==> flow/design.v <==
module mul_unit #(
  parameter DATA_W = 6
) (
  input  clk_i,
  input  clk_en,
  input  [DATA_W-1:0] rs1_in,
  input  [DATA_W-1:0] rs2_in,
  output reg [2*DATA_W-1:0] prod_out
);
  reg [DATA_W-1:0] rs1_r;
  reg [DATA_W-1:0] rs2_r;
  reg [2*DATA_W-1:0] r;
  integer k;
  always @* begin
    r = 0;
    for (k = 0; k < DATA_W; k = k + 1)
      if (rs2_r[k]) r = r + (rs1_r << k);
  end
  always @(posedge clk_i) begin
    if (clk_en) begin
      rs1_r <= rs1_in;
      rs2_r <= rs2_in;
      prod_out <= r;
    end
  end
endmodule
# --- Tool chain data of mul_unit ---
# Tool output for the design above, in the order of the flow.
# Lines are those of the file above, counted from 1.
# Operators: Yosys type, input widths -> output width; for muxes data width and select width s.
# Library cell names are shortened.
setup:
  design: "mul_unit"
  clock_port: "clk_i"
  cell_library: "sky130hd"
  corner: "tt_025C_1v80"

# --- Word level ---
# Source: Yosys, flattened and elaborated, memories not mapped. Widths are those after wreduce; folded enables and synchronous resets count as part of the registers. Registers that Yosys merges into a memory's read port (data or address) are not register bits. Print and check cells do not count. Equal cells are merged and count once.
word_totals:
  register_bits: 24
  in_bits: 14
classes:
  addsub: 5
  mux: 6
op_table:
  columns: ["op", "n"]
  rows:
  - ["$mux 12", 5]
  - ["$add 12x10->12", 1]
  - ["$add 12x11->12", 1]
  - ["$add 12x7->12", 1]
  - ["$add 12x8->12", 1]
  - ["$add 12x9->12", 1]
  - ["$mux 6", 1]

# --- Depth ---
# Yosys ltp: most cells in a row. Word level: on the elaborated netlist, between registers, memories and ports. Mapped: between sequential cells and ports; inverters and the memories' decode and read muxes count.
logic_depth:
  ltp_word: 11
  ABC_AREA: 0
  depth_mapped: 35

# --- Netlist ---
# The flow's flattened synthesis, as Yosys stat reports it; memories are mapped. The netlist is that of the ABC_AREA named above (0 if unset); the other value can give another one.
# The area totals of this step are shown rounded.
mapped:
  stdcells: 240
  yosys_area_um2: 2320
  ff_cells: 24
by_type:
  columns: ["cell_type", "n"]
  rows:
  - ["edfxtp_1", 24]
  - ["ha_1", 27]
  - ["fa_1", 5]
  - ["a21oi_1", 19]
  - ["xnor2_1", 10]
  - ["inv_1", 20]
  - ["mux2i_1", 7]
  - ["mux2_2", 6]
  - ["o21ai_0", 13]
  - ["nand2_1", 17]
  - ["nor2_1", 15]
  - ["a21o_1", 7]
  - ["xor2_1", 4]
  - ["buf_6", 3]
  - ["o41ai_2", 2]
  - ["nor2b_1", 5]
  - ["o21ai_2", 3]
  - ["nor3b_1", 3]
# Other cell types: 32; their cells: 50.

# --- Worst setup path after synthesis ---
# Source: OpenSTA report_checks on the synthesized netlist (no wires, ideal clock, input and output delay 20% of the period each), path of least setup slack; recovery checks are left aside. Register names are those of the netlist, which keeps one name where synthesis merged equal registers.
synth_path:
  path_type: "register to register"
  startpoint: "register rs1_r[1]"
  endpoint: "register prod_out[10]"
  period_ns: 7.67
  t_first_pin_ns: 0.000
  arrival_ns: 5.879
  t_required_ns: 7.410
  slack_ns: 1.531
  delay_ns: 6.139
  path_stages: 32
  path_buffers: 0
  synth_period_reached_ns: 6.139
# "delay_ns" is the arrival time less input delay plus setup time.
# "path_stages": output pins that drive a net of the path, with the launching flip-flop's if there is one; two outputs of one cell count as two.
# "synth_period_reached_ns" = period - worst setup slack (recovery checks aside). The figure is calculated, with input and output delays left at 20% of the set period.
# The rows between start and end are the longest chain of elaborated cells between them; the timing report does not say that the signal goes this way. Where chains are equally long, one stands for them.
# Each line given opens the expression or statement behind the cell; cells for indexed reads and writes are added by Yosys, which also makes memories of some case tables.
synth_between:
  path_cell_list: "edfxtp_1 > and2_1 > ha_1 > inv_1 > fa_1 > or2b_2 > a22oi_1 > o21ai_2 > mux2i_1 > nor2_1 > inv_1 > ha_1 > o21a_1 > or3_1 > and3_1 > or2_2 > ha_1 > o21ai_0 > o21ai_0 > a21oi_1 > xnor2_1 > mux2i_1 > inv_1 > ha_1 > a21oi_1 > o21ai_0 > xor2_1 > mux2_2 > ha_1 > a21oi_1 > xnor2_1 > mux2_2"
  elab_chain_len: 11
synth_lines:
  columns: ["item", "line", "text"]
  rows:
  - ["from (decl)", 10, "reg [DATA_W-1:0] rs1_r;"]
  - ["from (assign)", 21, "rs1_r <= rs1_in;"]
  - ["$mux 6", 17, "if (rs2_r[k]) r = r + (rs1_r << k);"]
  - ["$add 12x7->12", 17, null]
  - ["$mux 12", 17, null]
  - ["$add 12x8->12", 17, null]
  - ["$mux 12", 17, null]
  - ["$add 12x9->12", 17, null]
  - ["$mux 12", 17, null]
  - ["$add 12x10->12", 17, null]
  - ["$mux 12", 17, null]
  - ["$add 12x11->12", 17, null]
  - ["$mux 12", 17, null]
  - ["to (assign)", 23, "prod_out <= r;"]
  - ["to (decl)", 8, "output reg [2*DATA_W-1:0] prod_out"]

# --- Worst path after layout ---
# From the final timing report of job 1: the path of least setup slack in the routed layout; clock arrival at registers is part of the times.
layout_path:
  path_type: "register to register"
  startpoint: "register rs1_r[1]"
  endpoint: "register prod_out[10]"
  period_ns: 8.76
  t_first_pin_ns: 0.31
  arrival_ns: 7.10
  t_required_ns: 8.84
  slack_ns: 1.74
  path_stages: 32
  path_buffers: 0
# The rows between start and end are the longest chain of elaborated cells between them; the timing report does not say that the signal goes this way. Where chains are equally long, one stands for them.
layout_between:
  path_cell_list: "edfxtp_1 > and2_1 > ha_1 > inv_1 > fa_1 > and2b_1 > nor2_1 > o21ai_2 > mux2i_1 > nor2_1 > inv_1 > ha_1 > o21a_1 > or3_1 > and3_1 > or2_2 > ha_1 > o21ai_0 > o21ai_0 > a21oi_1 > xnor2_1 > mux2i_1 > inv_1 > ha_1 > a21oi_1 > o21ai_0 > xor2_1 > mux2_2 > ha_1 > a21oi_1 > xnor2_1 > mux2_2"
  elab_chain_len: 11
layout_lines:
  columns: ["item", "line", "text"]
  rows:
  - ["from (decl)", 10, "reg [DATA_W-1:0] rs1_r;"]
  - ["from (assign)", 21, "rs1_r <= rs1_in;"]
  - ["$mux 6", 17, "if (rs2_r[k]) r = r + (rs1_r << k);"]
  - ["$add 12x7->12", 17, null]
  - ["$mux 12", 17, null]
  - ["$add 12x8->12", 17, null]
  - ["$mux 12", 17, null]
  - ["$add 12x9->12", 17, null]
  - ["$mux 12", 17, null]
  - ["$add 12x10->12", 17, null]
  - ["$mux 12", 17, null]
  - ["$add 12x11->12", 17, null]
  - ["$mux 12", 17, null]
  - ["to (assign)", 23, "prod_out <= r;"]
  - ["to (decl)", 8, "output reg [2*DATA_W-1:0] prod_out"]

Wiki page: mul_unit / flow data

Top module mul_unit; platform sky130hd; tools Yosys and OpenROAD; 3 stored runs in no particular order. Input and output delays are each 20% of the period that was set; the output load is 0.01 pF.
"achievedPeriod_ns" = clock period - worst setup slack. The figure is calculated, with input and output delays left at 20% of the set period.
"critical_path_time_ns": the worst setup path's part of the clock period (all of it between registers, 20% less for each end at a port) less its slack. A launch clock that arrives late makes it longer, a capture clock that arrives late makes it shorter.
By "power_total_w" is meant OpenSTA's value without simulated activity: inputs other than the clock are taken to toggle once in ten clock periods, and the tool carries that through the logic.
Measured values are rounded.

--- job 1 ---
==> flow/run.sh <==
#!/bin/bash
# the make line also repeats the synthesis and layout settings of config.mk as NAME=value (left out here)
make -C /OpenROAD-flow-scripts/flow DESIGN_CONFIG=/design/flow/config.mk WORK_HOME=/design/flow/orfs CLKGATE_MAP_FILE= finish
==> flow/config.mk <==
export PLATFORM = sky130hd
export DESIGN_NAME = mul_unit
export DESIGN_NICKNAME = mul_unit
export VERILOG_FILES = /design/flow/design.v
export SDC_FILE = /design/flow/constraint.sdc
export NUM_CORES = 4
export LEC_CHECK = 0
export CAP_MARGIN = 20
export CORE_MARGIN = 2
export CORE_UTILIZATION = 70
export CTS_CLUSTER_DIAMETER = 317
export CTS_CLUSTER_SIZE = 60
export MAX_ROUTING_LAYER = met5
export PLACE_DENSITY_LB_ADDON = 0.3
export SETUP_SLACK_MARGIN = 1.09
export SLEW_MARGIN = 20
==> flow/constraint.sdc <==
create_clock -name core_clock -period 8.76 [get_ports {clk_i}]
set_input_delay 1.7520 -clock core_clock [delete_from_list [all_inputs] [get_ports {clk_i}]]
set_output_delay 1.7520 -clock core_clock [all_outputs]
set_load 0.01 [all_outputs]

==> results, as YAML <==
results:
  final_cell_area_um2: 2589
  tns_ns: 0.000
  achievedPeriod_ns: 7.018
  ws_setup_ns: 1.742
  power_total_w: 0.0005725
  hold_worst_slack_ns: 0.793
  util_pct: 83.4
  die_footprint_um2: 3790
  critical_path_time_ns: 7.02
  worst_path_kind: "register to register"
  synthesis_area_um2: 2320

--- job 2 ---
==> flow/run.sh <==
#!/bin/bash
# the make line also repeats the synthesis and layout settings of config.mk as NAME=value (left out here)
make -C /OpenROAD-flow-scripts/flow DESIGN_CONFIG=/design/flow/config.mk WORK_HOME=/design/flow/orfs CLKGATE_MAP_FILE= finish
==> flow/config.mk <==
export PLATFORM = sky130hd
export DESIGN_NAME = mul_unit
export DESIGN_NICKNAME = mul_unit
export VERILOG_FILES = /design/flow/design.v
export SDC_FILE = /design/flow/constraint.sdc
export NUM_CORES = 4
export LEC_CHECK = 0
export ABC_AREA = 1
export CAP_MARGIN = 35
export CORE_MARGIN = 4
export CORE_UTILIZATION = 47
export CTS_CLUSTER_DIAMETER = 260
export GPL_TIMING_DRIVEN = 1
export SETUP_SLACK_MARGIN = 0.7
export SLEW_MARGIN = 20
export TNS_END_PERCENT = 25
==> flow/constraint.sdc <==
create_clock -name core_clock -period 3.89 [get_ports {clk_i}]
set_input_delay 0.7780 -clock core_clock [delete_from_list [all_inputs] [get_ports {clk_i}]]
set_output_delay 0.7780 -clock core_clock [all_outputs]
set_load 0.01 [all_outputs]

==> results, as YAML <==
results:
  final_cell_area_um2: 3567
  tns_ns: -8.969
  achievedPeriod_ns: 5.487
  ws_setup_ns: -1.597
  power_total_w: 0.001709
  hold_worst_slack_ns: 0.619
  util_pct: 75.0
  die_footprint_um2: 6132
  critical_path_time_ns: 5.49
  worst_path_kind: "register to register"
  synthesis_area_um2: 2323

--- job 3 ---
==> flow/run.sh <==
#!/bin/bash
# the make line also repeats the synthesis and layout settings of config.mk as NAME=value (left out here)
make -C /OpenROAD-flow-scripts/flow DESIGN_CONFIG=/design/flow/config.mk WORK_HOME=/design/flow/orfs CLKGATE_MAP_FILE= finish
==> flow/config.mk <==
export PLATFORM = sky130hd
export DESIGN_NAME = mul_unit
export DESIGN_NICKNAME = mul_unit
export VERILOG_FILES = /design/flow/design.v
export SDC_FILE = /design/flow/constraint.sdc
export NUM_CORES = 4
export LEC_CHECK = 0
export CAP_MARGIN = 20
export CORE_MARGIN = 2
export CORE_UTILIZATION = 40
export SLEW_MARGIN = 20
==> flow/constraint.sdc <==
create_clock -name core_clock -period 7.67 [get_ports {clk_i}]
set_input_delay 1.5340 -clock core_clock [delete_from_list [all_inputs] [get_ports {clk_i}]]
set_output_delay 1.5340 -clock core_clock [all_outputs]
set_load 0.01 [all_outputs]

==> results, as YAML <==
results:
  final_cell_area_um2: 2664
  tns_ns: 0.000
  achievedPeriod_ns: 7.037
  ws_setup_ns: 0.633
  power_total_w: 0.0006862
  hold_worst_slack_ns: 0.797
  util_pct: 48.1
  die_footprint_um2: 6425
  critical_path_time_ns: 7.04
  worst_path_kind: "register to register"
  synthesis_area_um2: 2320
